==> flow/design.v <==
module dp_arith_n #(
   parameter W = 40
) (
   input  logic ck,
   input  logic resetn,
   input  logic signed [W-1:0] a_in,
   input  logic signed [W-1:0] b_in,
   input  logic dir_in,
   output logic [W-1:0] result_out,
   output logic carry_out_out
);
   logic signed [W-1:0] a_ff;
   logic signed [W-1:0] b_ff;
   logic dir_ff;
   logic [W-1:0] w2;
   assign w2 = b_ff ^ {W{dir_ff}};
   logic [W-1:0] nxt;
   assign nxt = $unsigned(a_ff) + w2 + dir_ff;
   always_ff @(posedge ck or negedge resetn) begin
      if (!resetn) begin
         a_ff <= '0;
         b_ff <= '0;
         dir_ff <= 1'b0;
         result_out <= '0;
         carry_out_out <= 1'b0;
      end else begin
         a_ff <= a_in;
         b_ff <= b_in;
         dir_ff <= dir_in;
         result_out <= nxt[W-1:0];
         carry_out_out <= (a_ff[W-1] == w2[W-1]) && (nxt[W-1] != a_ff[W-1]);
      end
   end
endmodule
From RTL to reports: dp_arith_n
The steps from the RTL of dp_arith_n to its reports follow in flow order.
Line numbers count from 1 in the design file above.
Operators carry their Yosys type and port widths (W data, S select, Z words).
Cell names lack the library's common part.
The mark -- stands for no value.

design
  top = dp_arith_n
  clock = ck
  cell library = sky130hd
  timing corner = tt_025C_1v80

Elaborated design
Yosys after proc, flatten, opt, wreduce and memory -nomap, before mapping. Enables and synchronous resets that opt folds into registers are not counted as muxes. Memory bits, and registers merged into a memory's read port (data or address), are not among the register bits. Print and check cells are not counted. Equal cells are merged and count once.

word-level totals
  register bits after elaboration = 122
  latch bits = 0
  memory bits (writable) = 0
  bits in read-only memories = 0
  word width x clocked read ports = 0
  memories kept = 0
  output and inout bits = 41

operators by class
  $add $sub $neg = 2
  multiply operators = 0
  div/mod/pow operators = 0
  magnitude comparators = 0
  equality and inequality tests = 2
  shift-type cells = 0
  multiplexer cells = 0
  bitwise operators = 1
  reductions and logical operators = 1

operators by type and width
  kind                 count
  $add A40 B1 Y40      1
  $add A40 B40 Y40     1
  $xor A40 B40 Y40     1
  $eq A1 B1 Y1         1
  $ne A1 B1 Y1         1
  $logic_and A1 B1 Y1  1

Logic depth
Depth = most cells in a row (Yosys ltp): at word level without a register or memory, in the mapped netlist without a sequential cell, where the memories' decode and read muxes count.

depth
  word-level depth = 5
  ABC_AREA = 0
  gate-level depth with buffers = 14
  gate-level depth less buffers = 11

Netlist
The flow's flattened synthesis, as Yosys stat reports it; memories are mapped. The netlist is that of the ABC_AREA named above (0 if unset); the other value can give another one.

mapped netlist
  cells in the netlist = 480
  mapped area = 5634.2 um2
  area of sequential cells = 3052.9 um2
  flip-flops = 122

cells by type
  cell      count
  dfrtp_1   122
  ha_1      38
  xor2_1    47
  xnor2_1   23
  a21oi_1   31
  a21o_1    20
  nand2_1   27
  o21ai_0   18
  nor2_1    22
  nand3_1   11
  inv_1     14
  nor3_1    8
  nand2b_1  6
  and4_1    4
  o311ai_0  4
  a31oi_1   5
  nor2b_1   5
  o21a_1    4

Not listed: further types 39, cells in them 71.

Timing after synthesis
OpenSTA on the mapped netlist: ideal clock, no wires. The path of least setup slack (recovery checks aside). Input and output delay are each 20% of the period. Register names are those of the netlist, which keeps one name where synthesis merged equal registers.

timing path after synthesis
  kind = reg2reg
  start point = register dir_ff
  end point = register result_out[33]
  clock period = 4.44 ns
  setup time = 0.120 ns
  time at the first pin = 0.000 ns
  arrival time = 3.433 ns
  data required time = 4.320 ns
  slack = 0.887 ns
  path delay = 3.553 ns
  stages on the path = 14
  buffers on the path = 3
  synthesis period reached = 3.553 ns

"path delay" = arrival - input delay + setup time.
"stages on the path": output pins that drive a net of the path, with the launching flip-flop's if there is one; two outputs of one cell count as two.
"synthesis period reached" is the clock period less the worst setup slack; recovery checks do not enter. This is arithmetic on one report: input and output delays are still those of the set period (20% each).
The rows between start and end are the longest chain of elaborated cells between them; the timing report does not say that the signal goes this way. Where chains are equally long, one stands for them.
A line is the first line of the expression or statement that the cell stems from. Yosys adds cells for indexed reads and writes and turns some case tables into memories.

on the way, after synthesis
  cell sequence = dfrtp_1 clkbuf_1 buf_1 clkbuf_1 xor2_1 ha_1 a21o_1 a21o_1 a221oi_2 a21oi_2 o31ai_4 o21ai_2 or4_1 and4_1
  length of the longest elaborated chain = 3
  elaborated cells on any way between the ends = 3
  source lines of those cells = 2
  classes of those cells = add/sub: 2; logic: 1

RTL lines, path after synthesis
  what              line  text
  start, declared   14    logic dir_ff;
  start, assigned   23    dir_ff <= 1'b0;
  start, assigned   29    dir_ff <= dir_in;
  $xor A40 B40 Y40  16    assign w2 = b_ff ^ {W{dir_ff}};
  $add A40 B40 Y40  18    assign nxt = $unsigned(a_ff) + w2 + dir_ff;
  $add A40 B1 Y40   18
  end, assigned     24    result_out <= '0;
  end, assigned     30    result_out <= nxt[W-1:0];
  end, declared     9     output logic [W-1:0] result_out,

Timing after layout
Path of least setup slack in the final report of flow run A (OpenROAD, finished layout, wires in). Where an end is a register, its clock arrival counts in the times.

timing path post-layout
  kind = reg2reg
  start point = register dir_ff
  end point = register result_out[38]
  clock period = 6.67 ns
  setup time = 0.12 ns
  time at the first pin = 0.41 ns
  arrival time = 4.76 ns
  data required time = 6.96 ns
  slack = 2.20 ns
  stages on the path = 14
  buffers on the path = 3

The rows between start and end are the longest chain of elaborated cells between them; the timing report does not say that the signal goes this way. Where chains are equally long, one stands for them.

on the way, post-layout
  cell sequence = dfrtp_1 clkbuf_1 buf_1 clkbuf_1 xor2_1 ha_1 inv_1 nor3_1 a21boi_1 o211ai_1 a41oi_2 a41o_1 nor2_1 o311a_1
  length of the longest elaborated chain = 3
  elaborated cells on any way between the ends = 3
  source lines of those cells = 2
  classes of those cells = add/sub: 2; logic: 1

RTL lines, path post-layout
  what              line  text
  start, declared   14    logic dir_ff;
  start, assigned   23    dir_ff <= 1'b0;
  start, assigned   29    dir_ff <= dir_in;
  $xor A40 B40 Y40  16    assign w2 = b_ff ^ {W{dir_ff}};
  $add A40 B40 Y40  18    assign nxt = $unsigned(a_ff) + w2 + dir_ff;
  $add A40 B1 Y40   18
  end, assigned     24    result_out <= '0;
  end, assigned     30    result_out <= nxt[W-1:0];
  end, declared     9     output logic [W-1:0] result_out,

==> runs of dp_arith_n <==
Stored flow runs of dp_arith_n (3 of them; Yosys, OpenROAD, sky130hd). They differ in their settings and are not a sequence. Constraints: input delay and output delay 20% of the set period each, output load 0.01 pF.
"clock period achieved" = clock period - worst setup slack. The figure is calculated, with input and output delays left at 20% of the set period.
"worst setup path time" means the part of the period allowed to the worst setup path (the constraints hold back 20% at inputs and 20% at outputs) less its slack; where the path has registers, the arrival times of their clocks count too.
"total power after layout" is the tool's figure for a default switching activity; nothing was simulated.
A setting shown as . is not set for that run.

setting or result                          flow run A  flow run B  flow run C
period_ns                                  6.67        3.77        4.44
CORE_UTILIZATION                           38          32          40
SETUP_SLACK_MARGIN                         0.65        0.59        .
PLACE_DENSITY_LB_ADDON                     0.22        0.22        .
CORE_ASPECT_RATIO                          1.36        .           .
CORE_MARGIN                                3           9           2
TNS_END_PERCENT                            35          5           .
GPL_TIMING_DRIVEN                          0           .           .
CTS_CLUSTER_DIAMETER                       237         .           .
CAP_MARGIN                                 20          20          20
SLEW_MARGIN                                20          20          20
CELL_PAD_IN_SITES_DETAIL_PLACEMENT         .           1           .
MAX_ROUTING_LAYER                          .           met5        .
total die area (um2)                       16340.7     22707.5     15050.4
standard-cell area after layout (um2)      7729.9      8519.4      7712.4
total negative slack on setup checks (ns)  0.000       0.000       0.000
total power after layout (mW)              2.446       4.599       3.733
synthesis area (um2)                       5634.2      5634.2      5634.2
worst setup path time (ns)                 4.47        3.23        3.72
class of the worst setup path              reg2reg     reg2reg     reg2reg
setup slack of the critical path (ns)      2.203       0.536       0.724
clock period achieved (ns)                 4.467       3.234       3.716
final design utilization (%)               53.6        49.3        55.8
